==> flow/design.v <==
module dp_mplex #(
   parameter int DATA_WIDTH = 2
) (
   input logic aclk,
   input logic resetn,
   input logic [DATA_WIDTH-1:0] src0,
   input logic [DATA_WIDTH-1:0] src1,
   input logic [DATA_WIDTH-1:0] src2,
   input logic [DATA_WIDTH-1:0] src3,
   input logic [DATA_WIDTH-1:0] src4,
   input logic [DATA_WIDTH-1:0] src5,
   input logic [DATA_WIDTH-1:0] src6,
   input logic [DATA_WIDTH-1:0] src7,
   input logic [DATA_WIDTH-1:0] src8,
   input logic [DATA_WIDTH-1:0] src9,
   input logic [DATA_WIDTH-1:0] src10,
   input logic [DATA_WIDTH-1:0] src11,
   input logic [10:0] s,
   output logic [DATA_WIDTH-1:0] data_out
);
   logic [DATA_WIDTH-1:0] src0_r;
   logic [DATA_WIDTH-1:0] src1_r;
   logic [DATA_WIDTH-1:0] src2_r;
   logic [DATA_WIDTH-1:0] src3_r;
   logic [DATA_WIDTH-1:0] src4_r;
   logic [DATA_WIDTH-1:0] src5_r;
   logic [DATA_WIDTH-1:0] src6_r;
   logic [DATA_WIDTH-1:0] src7_r;
   logic [DATA_WIDTH-1:0] src8_r;
   logic [DATA_WIDTH-1:0] src9_r;
   logic [DATA_WIDTH-1:0] src10_r;
   logic [DATA_WIDTH-1:0] src11_r;
   logic [10:0] s_r;
   always_ff @(posedge aclk) begin
      if (~resetn) begin
         src0_r <= 0;
         src1_r <= 0;
         src2_r <= 0;
         src3_r <= 0;
         src4_r <= 0;
         src5_r <= 0;
         src6_r <= 0;
         src7_r <= 0;
         src8_r <= 0;
         src9_r <= 0;
         src10_r <= 0;
         src11_r <= 0;
         s_r <= 0;
      end else begin
         src0_r <= src0;
         src1_r <= src1;
         src2_r <= src2;
         src3_r <= src3;
         src4_r <= src4;
         src5_r <= src5;
         src6_r <= src6;
         src7_r <= src7;
         src8_r <= src8;
         src9_r <= src9;
         src10_r <= src10;
         src11_r <= src11;
         s_r <= s;
      end
   end
   logic [DATA_WIDTH-1:0] work;
   always_comb begin
      casez (s_r)
         11'b??????????1: work = src0_r;
         11'b?????????10: work = src1_r;
         11'b????????100: work = src2_r;
         11'b???????1000: work = src3_r;
         11'b??????10000: work = src4_r;
         11'b?????100000: work = src5_r;
         11'b????1000000: work = src6_r;
         11'b???10000000: work = src7_r;
         11'b??100000000: work = src8_r;
         11'b?1000000000: work = src9_r;
         11'b10000000000: work = src10_r;
         default: work = src11_r;
      endcase
   end
   always_ff @(posedge aclk) begin
      if (~resetn) begin
         data_out <= 0;
      end else begin
         data_out <= work;
      end
   end
endmodule
Reports on dp_mplex
What the tools print for dp_mplex, step after step.
Line numbers count from 1 in the design file above.
Operators: Yosys type, input widths -> output width; for muxes data width and select width s.
Library cell names are shortened.
{"block": "design", "design": "dp_mplex", "clock": "aclk", "lib": "sky130hd", "corner": "tt_025C_1v80"}

Word-level counts
Yosys after proc, flatten, opt, wreduce and memory -nomap, before mapping. Enables and synchronous resets that opt folds into registers are not counted as muxes. Memory bits, and registers merged into a memory's read port (data or address), are not among the register bits. Print and check cells are not counted. Equal cells are merged and count once.
{"block": "bits", "register_bits": 37, "output_inout_bits": 2, "inputBits": 37, "word_cells": 25}
{"block": "op_classes", "n_mux": 1, "eq_ne": 10}
{"block": "op_table", "operator": "$pmux 2 s11", "count": 1}
{"block": "op_table", "operator": "$eq 11x11->1 const B", "count": 1}
{"block": "op_table", "operator": "$eq 10x10->1 const B", "count": 1}
{"block": "op_table", "operator": "$eq 9x9->1 const B", "count": 1}
{"block": "op_table", "operator": "$eq 8x8->1 const B", "count": 1}
{"block": "op_table", "operator": "$eq 7x7->1 const B", "count": 1}
{"block": "op_table", "operator": "$eq 6x6->1 const B", "count": 1}
{"block": "op_table", "operator": "$eq 5x5->1 const B", "count": 1}
{"block": "op_table", "operator": "$eq 4x4->1 const B", "count": 1}
{"block": "op_table", "operator": "$eq 3x3->1 const B", "count": 1}
{"block": "op_table", "operator": "$eq 2x2->1 const B", "count": 1}

Logic depth
Yosys ltp: most cells in a row. Word level: on the elaborated netlist, between registers, memories and ports. Mapped: between sequential cells and ports; inverters and the memories' decode and read muxes count.
{"block": "logic_depth", "ltp_word": 2, "ABC_AREA": 0, "depth_mapped": 4, "depth_no_buf": 4}

Netlist
Yosys stat after the flow's synthesis: flattened, memories mapped to cells. It holds for the ABC_AREA given above (unset counts as 0); a run with the other value may have another netlist.
Totals and module areas in this step are rounded.
{"block": "synth_totals", "mapped_cells": 120, "buffers": 3, "seq_area_um2": 740.7, "synth_area_um2": 1245, "ff_cells": 37}
{"block": "types", "cell_type": "dfxtp_1", "count": 37, "area_total_um2": 740.71}
{"block": "types", "cell_type": "and2_1", "count": 35, "area_total_um2": 218.96}
{"block": "types", "cell_type": "nand2b_1", "count": 5, "area_total_um2": 31.28}
{"block": "types", "cell_type": "nand2_1", "count": 8, "area_total_um2": 30.029}
{"block": "types", "cell_type": "o21ai_0", "count": 6, "area_total_um2": 30.029}
{"block": "types", "cell_type": "a31oi_1", "count": 4, "area_total_um2": 25.024}
{"block": "types", "cell_type": "nor4_4", "count": 1, "area_total_um2": 21.27}
{"block": "types", "cell_type": "a21oi_1", "count": 4, "area_total_um2": 20.019}
{"block": "types", "cell_type": "a2bb2oi_1", "count": 2, "area_total_um2": 17.517}
{"block": "types", "cell_type": "a22oi_1", "count": 2, "area_total_um2": 15.014}
{"block": "types", "cell_type": "nand3b_1", "count": 2, "area_total_um2": 15.014}
{"block": "types", "cell_type": "o211ai_1", "count": 2, "area_total_um2": 15.014}
{"block": "types", "cell_type": "clkbuf_1", "count": 3, "area_total_um2": 11.261}
{"block": "types", "cell_type": "nand4bb_1", "count": 1, "area_total_um2": 11.261}
{"block": "types", "cell_type": "or4_4", "count": 1, "area_total_um2": 11.261}
{"block": "types", "cell_type": "nor3_1", "count": 2, "area_total_um2": 10.01}
{"block": "types", "cell_type": "inv_1", "count": 2, "area_total_um2": 7.507}
{"block": "types", "cell_type": "nor2_1", "count": 2, "area_total_um2": 7.507}
{"block": "types", "cell_type": "or2_2", "count": 1, "area_total_um2": 6.256}

Path before layout
Path of least setup slack by OpenSTA after synthesis, without wires, with an ideal clock, recovery checks aside; 20% of the period is set as input and as output delay. Where synthesis merged equal registers, the netlist keeps one of their names.
{"block": "synth_timing", "path_type": "register to register", "from": "register s_r[1]", "to": "register data_out[0]", "path_buffers": 0, "driving_pins": 5, "setup_slack_ns": 0.367, "delay_ns": 1.453, "setup_ns": 0.074, "arrival_time_ns": 1.379, "required_time_ns": 1.746, "launch_ns": 0.000, "clock_period_ns": 1.82, "synth_period_reached_ns": 1.453}
"delay_ns" is the arrival time less input delay plus setup time.
"driving_pins" counts driving pins, that of a launching flip-flop among them; a cell with two outputs on the path counts twice.
"synth_period_reached_ns" = period - worst setup slack (recovery checks aside). The figure is calculated, with input and output delays left at 20% of the set period.
The rows between start and end are the longest chain of elaborated cells between them; the timing report does not say that the signal goes this way. Where chains are equally long, one stands for them.
A line is the first line of the expression or statement that the cell stems from. Yosys adds cells for indexed reads and writes and turns some case tables into memories.
{"block": "synth_via", "path_cell_list": "dfxtp_1 > or4_4 > nor4_4 > o211ai_1 > a31oi_1", "elab_chain_len": 2, "cells_between": 11, "cone_lines": 1, "classes_between": "10 x eq/ne; 1 x mux"}
{"block": "synth_rtl", "element": "start: declaration", "line_no": 33, "text": "logic [10:0] s_r;"}
{"block": "synth_rtl", "element": "start: assignment", "line_no": 48, "text": "s_r <= 0;"}
{"block": "synth_rtl", "element": "start: assignment", "line_no": 62, "text": "s_r <= s;"}
{"block": "synth_rtl", "element": "$eq 11x11->1", "line_no": 67, "text": "casez (s_r)"}
{"block": "synth_rtl", "element": "$pmux 2 s11", "line_no": 67}
{"block": "synth_rtl", "element": "end: assignment", "line_no": 84, "text": "data_out <= 0;"}
{"block": "synth_rtl", "element": "end: assignment", "line_no": 86, "text": "data_out <= work;"}
{"block": "synth_rtl", "element": "end: declaration", "line_no": 19, "text": "output logic [DATA_WIDTH-1:0] data_out"}

Worst path after layout
Path of least setup slack in the final report of flow run 2 (OpenROAD, finished layout, wires in). Where an end is a register, its clock arrival counts in the times.
{"block": "layout_timing", "path_type": "register to register", "from": "register s_r[1]", "to": "register data_out[0]", "launch_ns": 0.28, "setup_slack_ns": 0.36, "required_time_ns": 2.16, "clock_period_ns": 1.96, "path_buffers": 0, "driving_pins": 5, "arrival_time_ns": 1.80, "setup_ns": 0.07}
The rows between start and end are the longest chain of elaborated cells between them; the timing report does not say that the signal goes this way. Where chains are equally long, one stands for them.
{"block": "layout_via", "path_cell_list": "dfxtp_1 > or4_4 > nor4_4 > o211ai_1 > a31oi_1", "elab_chain_len": 2, "cells_between": 11, "cone_lines": 1, "classes_between": "10 x eq/ne; 1 x mux"}
{"block": "layout_rtl", "element": "start: declaration", "line_no": 33, "text": "logic [10:0] s_r;"}
{"block": "layout_rtl", "element": "start: assignment", "line_no": 48, "text": "s_r <= 0;"}
{"block": "layout_rtl", "element": "start: assignment", "line_no": 62, "text": "s_r <= s;"}
{"block": "layout_rtl", "element": "$eq 11x11->1", "line_no": 67, "text": "casez (s_r)"}
{"block": "layout_rtl", "element": "$pmux 2 s11", "line_no": 67}
{"block": "layout_rtl", "element": "end: assignment", "line_no": 84, "text": "data_out <= 0;"}
{"block": "layout_rtl", "element": "end: assignment", "line_no": 86, "text": "data_out <= work;"}
{"block": "layout_rtl", "element": "end: declaration", "line_no": 19, "text": "output logic [DATA_WIDTH-1:0] data_out"}

Ticket comment

Design dp_mplex on sky130hd. What follows are 3 stored runs of the flow, each under its own settings; their order means nothing. The constraints put input and output delay at 20% of the set period each and load the outputs with 0.01 pF.
By "period_less_ws_ns" is meant the clock period of the run minus its worst setup slack. This is arithmetic on one report: input and output delays are still those of the set period (20% each).
"worst_path_allowed_less_slack_ns" means the part of the period allowed to the worst setup path (the constraints hold back 20% at inputs and 20% at outputs) less its slack; where the path has registers, the arrival times of their clocks count too.
"final_power_w": no workload was simulated; the value follows from the tool's default switching activity.
The measured numbers are rounded.

{"run": "flow run 1", "settings": { "period_ns": 2.36, "CORE_UTILIZATION": 65, "SETUP_SLACK_MARGIN": 0.15, "PLACE_DENSITY_LB_ADDON": 0.25, "TNS_END_PERCENT": 55, "GPL_ROUTABILITY_DRIVEN": 0, "CTS_CLUSTER_SIZE": 93, "CTS_CLUSTER_DIAMETER": 34, "MIN_ROUTING_LAYER": "met2", "CAP_MARGIN": 20, "CORE_MARGIN": 2, "SLEW_MARGIN": 20 }, "outcome": "stopped before the end: placement reported FLW-0024"}
{"run": "flow run 2", "settings": { "period_ns": 1.96, "CORE_UTILIZATION": 33, "PLACE_DENSITY_LB_ADDON": 0.21, "CORE_ASPECT_RATIO": 0.95, "CELL_PAD_IN_SITES_DETAIL_PLACEMENT": 1, "GPL_ROUTABILITY_DRIVEN": 0, "CAP_MARGIN": 15, "SLEW_MARGIN": 25, "CORE_MARGIN": 2 }, "results": { "final_power_w": 0.0015, "period_less_ws_ns": 1.599, "hold_worst_slack_ns": 0.570, "synthesis_area_um2": 1245, "fin_util_pct": 49.6, "worst_path_allowed_less_slack_ns": 1.60, "path_kind": "register to register", "finish.stdcell_area_um2": 1773, "fin_tns_ns": 0.000, "die_area_um2": 4280, "fin_ws_ns": 0.361 }}
{"run": "flow run 3", "settings": { "period_ns": 1.82, "CAP_MARGIN": 20, "CORE_MARGIN": 2, "CORE_UTILIZATION": 40, "SLEW_MARGIN": 20 }, "results": { "final_power_w": 0.001621, "period_less_ws_ns": 1.552, "hold_worst_slack_ns": 0.547, "synthesis_area_um2": 1245, "fin_util_pct": 58.5, "worst_path_allowed_less_slack_ns": 1.19, "path_kind": "register to output", "finish.stdcell_area_um2": 1755, "fin_tns_ns": 0.000, "die_area_um2": 3575, "fin_ws_ns": 0.268 }}
